==> flow/design.v <==
module add #(
    parameter int WIDTH = 4
) (
    input  logic aclk,
    input  logic rst_ni,
    input  logic [WIDTH-1:0] x,
    input  logic [WIDTH-1:0] y,
    output logic [WIDTH:0] result
);
    logic [WIDTH-1:0] x_d1;
    logic [WIDTH-1:0] y_d1;
    localparam int H = WIDTH / 2;
    logic [H:0] low_d1;
    logic [WIDTH-H-1:0] x_hi_d1;
    logic [WIDTH-H-1:0] y_hi_d1;
    logic [WIDTH-H:0] hi;
    assign hi = x_hi_d1 + y_hi_d1 + low_d1[H];
    logic [WIDTH:0] result_d1;
    assign result = result_d1;
    always_ff @(posedge aclk or negedge rst_ni) begin
        if (~rst_ni) begin
            x_d1 <= 0;
            y_d1 <= 0;
            low_d1 <= 0;
            x_hi_d1 <= 0;
            y_hi_d1 <= 0;
            result_d1 <= 0;
        end else begin
            x_d1 <= x;
            y_d1 <= y;
            low_d1 <= x_d1[H-1:0] + y_d1[H-1:0];
            x_hi_d1 <= x_d1[WIDTH-1:H];
            y_hi_d1 <= y_d1[WIDTH-1:H];
            result_d1 <= {hi, low_d1[H-1:0]};
        end
    end
endmodule
## Tool chain data of add

Tool output for the design above, in the order of the flow.
Lines are those of the file above, counted from 1.
A cell with n/a has no value.

- Top module: add
- Clock port: aclk
- Standard-cell library: sky130hd
- Library corner: tt_025C_1v80

## Word level

Yosys after proc, flatten, opt, wreduce and memory -nomap, before mapping. Enables and synchronous resets that opt folds into registers are not counted as muxes. Memory bits, and registers merged into a memory's read port (data or address), are not among the register bits. Print and check cells are not counted. Equal cells are merged and count once.

- Bits in registers: 20
- Input port bits: 10
- Output and inout bits: 5
- Cells after elaboration: 9

- Add/subtract/negate cells: 3

Operators by type and width:

| kind | number |
|---|---|
| adder 2 x 2 -> 3 bit | 2 |
| adder 3 x 1 -> 3 bit | 1 |

## Logic depth

Depth = most cells in a row (Yosys ltp): at word level without a register or memory, in the mapped netlist without a sequential cell, where the memories' decode and read muxes count.

- Depth after elaboration: 2
- ABC_AREA: 0
- Mapped depth: 4
- Depth with buffers taken out: 4

## After synthesis

Yosys stat after the flow's synthesis: flattened, memories mapped to cells. It holds for the ABC_AREA given above (unset counts as 0); a run with the other value may have another netlist.

- Mapped cells: 32
- Chip area (Yosys): 603.1 um^2
- Sequential part of the area: 500.5 um^2
- Flip-flop cells: 20
- Buffers: 0

Cell types:

| type | number |
|---|---|
| sky130_fd_sc_hd__dfrtp_1 | 20 |
| sky130_fd_sc_hd__fa_1 | 3 |
| sky130_fd_sc_hd__inv_1 | 8 |
| sky130_fd_sc_hd__ha_1 | 1 |

## Timing after synthesis

Source: OpenSTA report_checks on the synthesized netlist (no wires, ideal clock, input and output delay 20% of the period each), path of least setup slack; recovery checks are left aside. Register names are those of the netlist, which keeps one name where synthesis merged equal registers.

- Path kind: register -> register
- Start point: register low_d1[2]
- End point: register result_d1[3]
- Clock period: 1740 ps
- Library setup time: 114 ps
- Launch time at the first pin: 0 ps
- Data arrival time: 1277 ps
- Required time: 1626 ps
- Path slack: 349 ps
- Path delay: 1391 ps
- Stages on the path: 5
- Synthesis period reached: 1391 ps

"path delay" = arrival - input delay + setup time.
"stages on the path" counts driving pins, that of a launching flip-flop among them; a cell with two outputs on the path counts twice.
"synthesis period reached" is the clock period less the worst setup slack; recovery checks do not enter. This is arithmetic on one report: input and output delays are still those of the set period (20% each).
The rows between start and end are the longest chain of elaborated cells between them; the timing report does not say that the signal goes this way. Where chains are equally long, one stands for them.
Each line given opens the expression or statement behind the cell; cells for indexed reads and writes are added by Yosys, which also makes memories of some case tables.

- Cells stage by stage: sky130_fd_sc_hd__dfrtp_1 sky130_fd_sc_hd__inv_1 sky130_fd_sc_hd__fa_1 sky130_fd_sc_hd__fa_1 sky130_fd_sc_hd__inv_1
- Length of the longest elaborated chain: 1

RTL lines, path after synthesis:

| element | RTL line | RTL |
|---|---|---|
| start: declaration | 13 | `logic [H:0] low_d1;` |
| start: assignment | 24 | `low_d1 <= 0;` |
| start: assignment | 31 | `low_d1 <= x_d1[H-1:0] + y_d1[H-1:0];` |
| adder 3 x 1 -> 3 bit | 17 | `assign hi = x_hi_d1 + y_hi_d1 + low_d1[H];` |
| end: assignment | 27 | `result_d1 <= 0;` |
| end: assignment | 34 | `result_d1 <= {hi, low_d1[H-1:0]};` |
| end: declaration | 18 | `logic [WIDTH:0] result_d1;` |

## Timing after layout

Path of least setup slack in the final report of entry A (OpenROAD, finished layout, wires in). Where an end is a register, its clock arrival counts in the times.
The path's times are printed in steps of 10 ps; the period is the one set.

- Path kind: register -> output
- Start point: register result_d1[1]
- End point: output result[1]
- Clock period: 1740 ps
- Launch time at the first pin: 280 ps
- Data arrival time: 1150 ps
- Required time: 1390 ps
- Path slack: 240 ps
- Stages on the path: 2

- Cells stage by stage: sky130_fd_sc_hd__dfrtp_1 sky130_fd_sc_hd__clkdlybuf4s50_1
- Length of the longest elaborated chain: 0

RTL lines, path post-layout:

| element | RTL line | RTL |
|---|---|---|
| start: declaration | 18 | `logic [WIDTH:0] result_d1;` |
| start: assignment | 27 | `result_d1 <= 0;` |
| start: assignment | 34 | `result_d1 <= {hi, low_d1[H-1:0]};` |
| end: declaration | 8 | `output logic [WIDTH:0] result` |

## Implementation results

Settings and measured results of 3 stored flow runs for module add (sky130hd), not sorted in any way. The constraints put input and output delay at 20% of the set period each and load the outputs with 0.01 pF.
By "achieved clock period" is meant the clock period of the run minus its worst setup slack. This is arithmetic on one report: input and output delays are still those of the set period (20% each).
By "critical setup path time" is meant the share of the clock period that the worst setup path is allowed (20% is reserved at inputs, 20% at outputs), minus its slack. Clock arrival times at its registers enter into it.
"total power of the final layout" is the tool's figure for a default switching activity; nothing was simulated.
"critical setup path time" is known to 10 ps.
A setting shown as . is not set for that run.
A result given as . is not shown for that run.

| item | entry A | entry B | entry C |
|---|---|---|---|
| period_ns | 1.74 | 1.64 | 0.858 |
| CAP_MARGIN | 20 | 20 | 20 |
| CORE_MARGIN | 2 | 3 | 2 |
| CORE_UTILIZATION | 40 | 28 | 68 |
| SLEW_MARGIN | 20 | 20 | 20 |
| SETUP_SLACK_MARGIN | . | 0.15 | 0.04 |
| PLACE_DENSITY_LB_ADDON | . | 0.28 | 0.27 |
| CORE_ASPECT_RATIO | . | 1.61 | . |
| ABC_AREA | . | 1 | . |
| GPL_TIMING_DRIVEN | . | 1 | . |
| MIN_ROUTING_LAYER | . | met1 | met2 |
| MAX_ROUTING_LAYER | . | met4 | . |
| GPL_ROUTABILITY_DRIVEN | . | . | 1 |
| synthesis area (um^2) | 603.1 | 603.1 | . |
| total die area (um^2) | 1834.4 | 2762.5 | . |
| area of the standard cells in the finished layout (um^2) | 807.0 | 794.5 | . |
| worst setup slack after layout (ps) | 238 | 218 | . |
| total negative setup slack (ps) | 0 | 0 | . |
| total power of the final layout (µW) | 854.7 | 843.8 | . |
| achieved clock period (ps) | 1502 | 1422 | . |
| critical setup path time (ps) | 1150 | 1420 | . |
| class of the worst setup path | register -> output | register -> register | . |

Entry C: stopped before the end: floorplanning reported PDN-0185
